==> flow/design.v <==
module fa (
   input logic a,
   input logic b,
   input logic ci,
   output logic s,
   output logic co
);
   assign {co, s} = a + b + ci;
endmodule
module u_sub_unit_mod #(
   parameter int WIDTH = 12
) (
   input logic clk_i,
   input logic nrst,
   input logic [WIDTH-1:0] src1,
   input logic [WIDTH-1:0] src2,
   input logic dir,
   output logic [WIDTH-1:0] q,
   output logic carry_out
);
   logic [WIDTH-1:0] nxt;
   logic [WIDTH:0] carry;
   assign carry[0] = dir;
   for (genvar i = 0; i < WIDTH; i++) begin : blk
      fa u0 (.a(src1[i]), .b(src2[i] ^ dir), .ci(carry[i]), .s(nxt[i]), .co(carry[i+1]));
   end
   always_ff @(posedge clk_i or negedge nrst) begin
      if (!nrst) begin
         q <= 0;
      end else begin
         q <= nxt;
      end
   end
   always_ff @(posedge clk_i or negedge nrst) begin
      if (!nrst) begin
         carry_out <= 1'b0;
      end else begin
         carry_out <= carry[WIDTH];
      end
   end
endmodule
-- Tool chain data of u_sub_unit_mod
Tool output for the design above, in the order of the flow.
Line numbers count from 1 in the design file above.
Operators carry their Yosys type and port widths (W data, S select, Z words).
The mark -- stands for no value.
- top module: u_sub_unit_mod
- clock input: clk_i
- cell library: sky130hd
- corner: tt_025C_1v80

-- Word level
Counts by Yosys on the flattened word-level netlist (proc, flatten, opt, wreduce; memories kept). Register bits leave out memories and registers merged into their read ports (data or address); mux counts leave out enables and synchronous resets folded into registers. Print and check cells are left out. Cells with the same type and inputs are merged into one.
- noted register bits: 13
- noted input port bits: 27
- output and inout bits at 13
- elaborated cells at 38
- $add $sub $neg: 24
- noted bitwise gates (word level): 12
- operator list (cell ; number):
    $add A1 B1 Y2 ; 12
    $add A2 B1 Y2 ; 12
    $xor A1 B1 Y1 ; 12

-- Depth
Yosys ltp: most cells in a row. Word level: on the elaborated netlist, between registers, memories and ports. Mapped: between sequential cells and ports; inverters and the memories' decode and read muxes count.
- depth after elaboration: 14
- ABC_AREA: 0
- depth in mapped cells: 15
- mapped depth without buffers at 14

-- Mapped cells and area
Source: synth_stat.txt of the flow (Yosys; design flattened, memories mapped). It holds for the ABC_AREA given above (unset counts as 0); a run with the other value may have another netlist.
The area totals of this step are shown rounded.
- cell types (type ; number ; area in all (um2)):
    sky130_fd_sc_hd__dfrtp_1 ; 13 ; 325.312
    sky130_fd_sc_hd__fa_1 ; 11 ; 220.211
    sky130_fd_sc_hd__xnor2_1 ; 9 ; 78.826
    sky130_fd_sc_hd__inv_1 ; 20 ; 75.072
    sky130_fd_sc_hd__xor2_1 ; 2 ; 17.517
    sky130_fd_sc_hd__xor2_2 ; 1 ; 16.266
    sky130_fd_sc_hd__buf_6 ; 1 ; 11.261
    sky130_fd_sc_hd__mux2_2 ; 1 ; 11.261
- standard cells after synthesis: 58
- noted cell area after synthesis: 0.000756 mm2
- sequential part of the area: 0.000325 mm2
- flip-flops: 13
- buffer cells at 1
By module: a second synthesis without flattening, with its own total; a netlist apart from the flattened one above.
- cells (unflattened synthesis): 38
- noted area (unflattened synthesis): 0.000682 mm2
Each row is one instance without its submodules.
- modules (module ; instances ; cells ; area (mm2) ; seq. area (mm2)):
    u_sub_unit_mod ; 1 ; 26 ; 0.000442 ; 0.000325
    fa ; 12 ; 1 ; 0.00002 ; 0

-- Timing after synthesis
Source: OpenSTA report_checks on the synthesized netlist (no wires, ideal clock, input and output delay 20% of the period each), path of least setup slack; recovery checks are left aside. Register names are those of the netlist, which keeps one name where synthesis merged equal registers.
- kind: input-to-reg
- from: in dir
- to: reg q[11]
- period at 7.55 ns
- external input delay: 1.510 ns
- noted library setup time: 0.135 ns
- noted launch time at the first pin: 1.510 ns
- noted data arrival time: 6.207 ns
- required time: 7.415 ns
- noted path slack: 1.207 ns
- path delay: 4.832 ns
- stages: 15
- noted path buffers: 1
- noted synthesis period reached: 6.343 ns
"path delay" is the arrival time less input delay plus setup time.
"stages": output pins that drive a net of the path, with the launching flip-flop's if there is one; two outputs of one cell count as two.
"synthesis period reached" = period - worst setup slack (recovery checks aside). The figure is calculated, with input and output delays left at 20% of the set period.
Between the ends stands the longest chain of elaborated cells between them, by number of cells; it is not shown to be the way that was timed. Of several equally long chains one is given.
A line is the first line of the expression or statement that the cell stems from. Yosys adds cells for indexed reads and writes and turns some case tables into memories.
- path through: sky130_fd_sc_hd__buf_6 > sky130_fd_sc_hd__xor2_2 > sky130_fd_sc_hd__fa_1 > sky130_fd_sc_hd__inv_1 > sky130_fd_sc_hd__fa_1 > sky130_fd_sc_hd__fa_1 > sky130_fd_sc_hd__fa_1 > sky130_fd_sc_hd__fa_1 > sky130_fd_sc_hd__fa_1 > sky130_fd_sc_hd__fa_1 > sky130_fd_sc_hd__fa_1 > sky130_fd_sc_hd__fa_1 > sky130_fd_sc_hd__fa_1 > sky130_fd_sc_hd__inv_1 > sky130_fd_sc_hd__fa_1
- cells in the longest elaborated chain: 14
- noted elaborated cells on any way between the ends: 36
- RTL lines with such cells at 2
- classes of those cells: add/sub (24); logic (12)
- ends and longest elaborated chain, post-synthesis (item ; line ; text):
    start: declaration ; 17 ; input logic dir,
    $xor A1 B1 Y1 ; 25 ; fa u0 (.a(src1[i]), .b(src2[i] ^ dir), .ci(carry[i]), .s(nxt[i]), .co(carry[i+1]));
    $add A1 B1 Y2 ; 8 ; assign {co, s} = a + b + ci;
    $add A2 B1 Y2 (12 in a row) ; 8 ;
    end: assignment ; 29 ; q <= 0;
    end: assignment ; 31 ; q <= nxt;
    end: declaration ; 18 ; output logic [WIDTH-1:0] q,

-- Timing after layout
From the final timing report of run 1: the path of least setup slack in the routed layout; clock arrival at registers is part of the times.
- kind: input-to-reg
- from: in dir
- to: reg q[11]
- period at 7.55 ns
- external input delay: 1.51 ns
- noted library setup time: 0.12 ns
- noted launch time at the first pin: 1.51 ns
- noted data arrival time: 6.82 ns
- required time: 7.69 ns
- noted path slack: 0.87 ns
- stages: 15
- noted path buffers: 1
Between the ends stands the longest chain of elaborated cells between them, by number of cells; it is not shown to be the way that was timed. Of several equally long chains one is given.
- path through: sky130_fd_sc_hd__clkdlybuf4s50_1 > sky130_fd_sc_hd__mux2_2 > sky130_fd_sc_hd__fa_1 > sky130_fd_sc_hd__inv_1 > sky130_fd_sc_hd__fa_1 > sky130_fd_sc_hd__fa_1 > sky130_fd_sc_hd__fa_1 > sky130_fd_sc_hd__fa_1 > sky130_fd_sc_hd__fa_1 > sky130_fd_sc_hd__fa_1 > sky130_fd_sc_hd__fa_1 > sky130_fd_sc_hd__fa_1 > sky130_fd_sc_hd__fa_1 > sky130_fd_sc_hd__inv_1 > sky130_fd_sc_hd__fa_1
- cells in the longest elaborated chain: 14
- noted elaborated cells on any way between the ends: 36
- RTL lines with such cells at 2
- classes of those cells: add/sub (24); logic (12)
- ends and longest elaborated chain, post-layout (item ; line ; text):
    start: declaration ; 17 ; input logic dir,
    $xor A1 B1 Y1 ; 25 ; fa u0 (.a(src1[i]), .b(src2[i] ^ dir), .ci(carry[i]), .s(nxt[i]), .co(carry[i+1]));
    $add A1 B1 Y2 ; 8 ; assign {co, s} = a + b + ci;
    $add A2 B1 Y2 (12 in a row) ; 8 ;
    end: assignment ; 29 ; q <= 0;
    end: assignment ; 31 ; q <= nxt;
    end: declaration ; 18 ; output logic [WIDTH-1:0] q,

Subject: flow runs of u_sub_unit_mod

Hi,

Stored flow runs of u_sub_unit_mod (3 of them; Yosys, OpenROAD, sky130hd). They differ in their settings and are not a sequence. Constraints: input delay and output delay 20% of the set period each, output load 0.01 pF.
By "critical path time" is meant the share of the clock period that the worst setup path is allowed (20% is reserved at inputs, 20% at outputs), minus its slack. Clock arrival times at its registers enter into it.
"power consumption" rests on the timing tool's default activity at the inputs, not on a simulated workload.
Results are given in rounded form.

Run 1
Settings were period_ns = 7.55; CAP_MARGIN = 20; CORE_MARGIN = 2; CORE_UTILIZATION = 40; SLEW_MARGIN = 20
- area inside the die boundary: 0.00225 mm2
- noted the lowest setup slack: 0.875 ns
- post-layout utilization: 0.692
- noted the critical path time: 5.17 ns
- critical path kind: input-to-reg
- power consumption: 0.233 mW
- summed negative setup slack: 0.000 ns
- noted the synthesis area: 0.000756 mm2
- noted the standard-cell area after layout: 0.00121 mm2

Run 2
Settings were period_ns = 11.7; CORE_UTILIZATION = 41; SETUP_SLACK_MARGIN = -0.63; PLACE_DENSITY_LB_ADDON = 0.24; CELL_PAD_IN_SITES_GLOBAL_PLACEMENT = 1; TNS_END_PERCENT = 45; GPL_TIMING_DRIVEN = 1; GPL_ROUTABILITY_DRIVEN = 1; CAP_MARGIN = 0; SLEW_MARGIN = 0; MAX_ROUTING_LAYER = met5; CORE_MARGIN = 2
- area inside the die boundary: 0.0022 mm2
- noted the lowest setup slack: 3.77 ns
- post-layout utilization: 0.691
- noted the critical path time: 5.59 ns
- critical path kind: input-to-reg
- power consumption: 0.149 mW
- summed negative setup slack: 0.000 ns
- noted the synthesis area: 0.000756 mm2
- noted the standard-cell area after layout: 0.00119 mm2

Run 3
Settings were period_ns = 10.7; CORE_UTILIZATION = 26; SETUP_SLACK_MARGIN = -0.79; CORE_MARGIN = 5; CELL_PAD_IN_SITES_GLOBAL_PLACEMENT = 1; CELL_PAD_IN_SITES_DETAIL_PLACEMENT = 0; CTS_CLUSTER_SIZE = 11; CAP_MARGIN = 15; SLEW_MARGIN = 15; MAX_ROUTING_LAYER = met5
- area inside the die boundary: 0.00409 mm2
- noted the lowest setup slack: 2.98 ns
- post-layout utilization: 0.431
- noted the critical path time: 5.58 ns
- critical path kind: input-to-reg
- power consumption: 0.165 mW
- summed negative setup slack: 0.000 ns
- noted the synthesis area: 0.000756 mm2
- noted the standard-cell area after layout: 0.0012 mm2

Regards
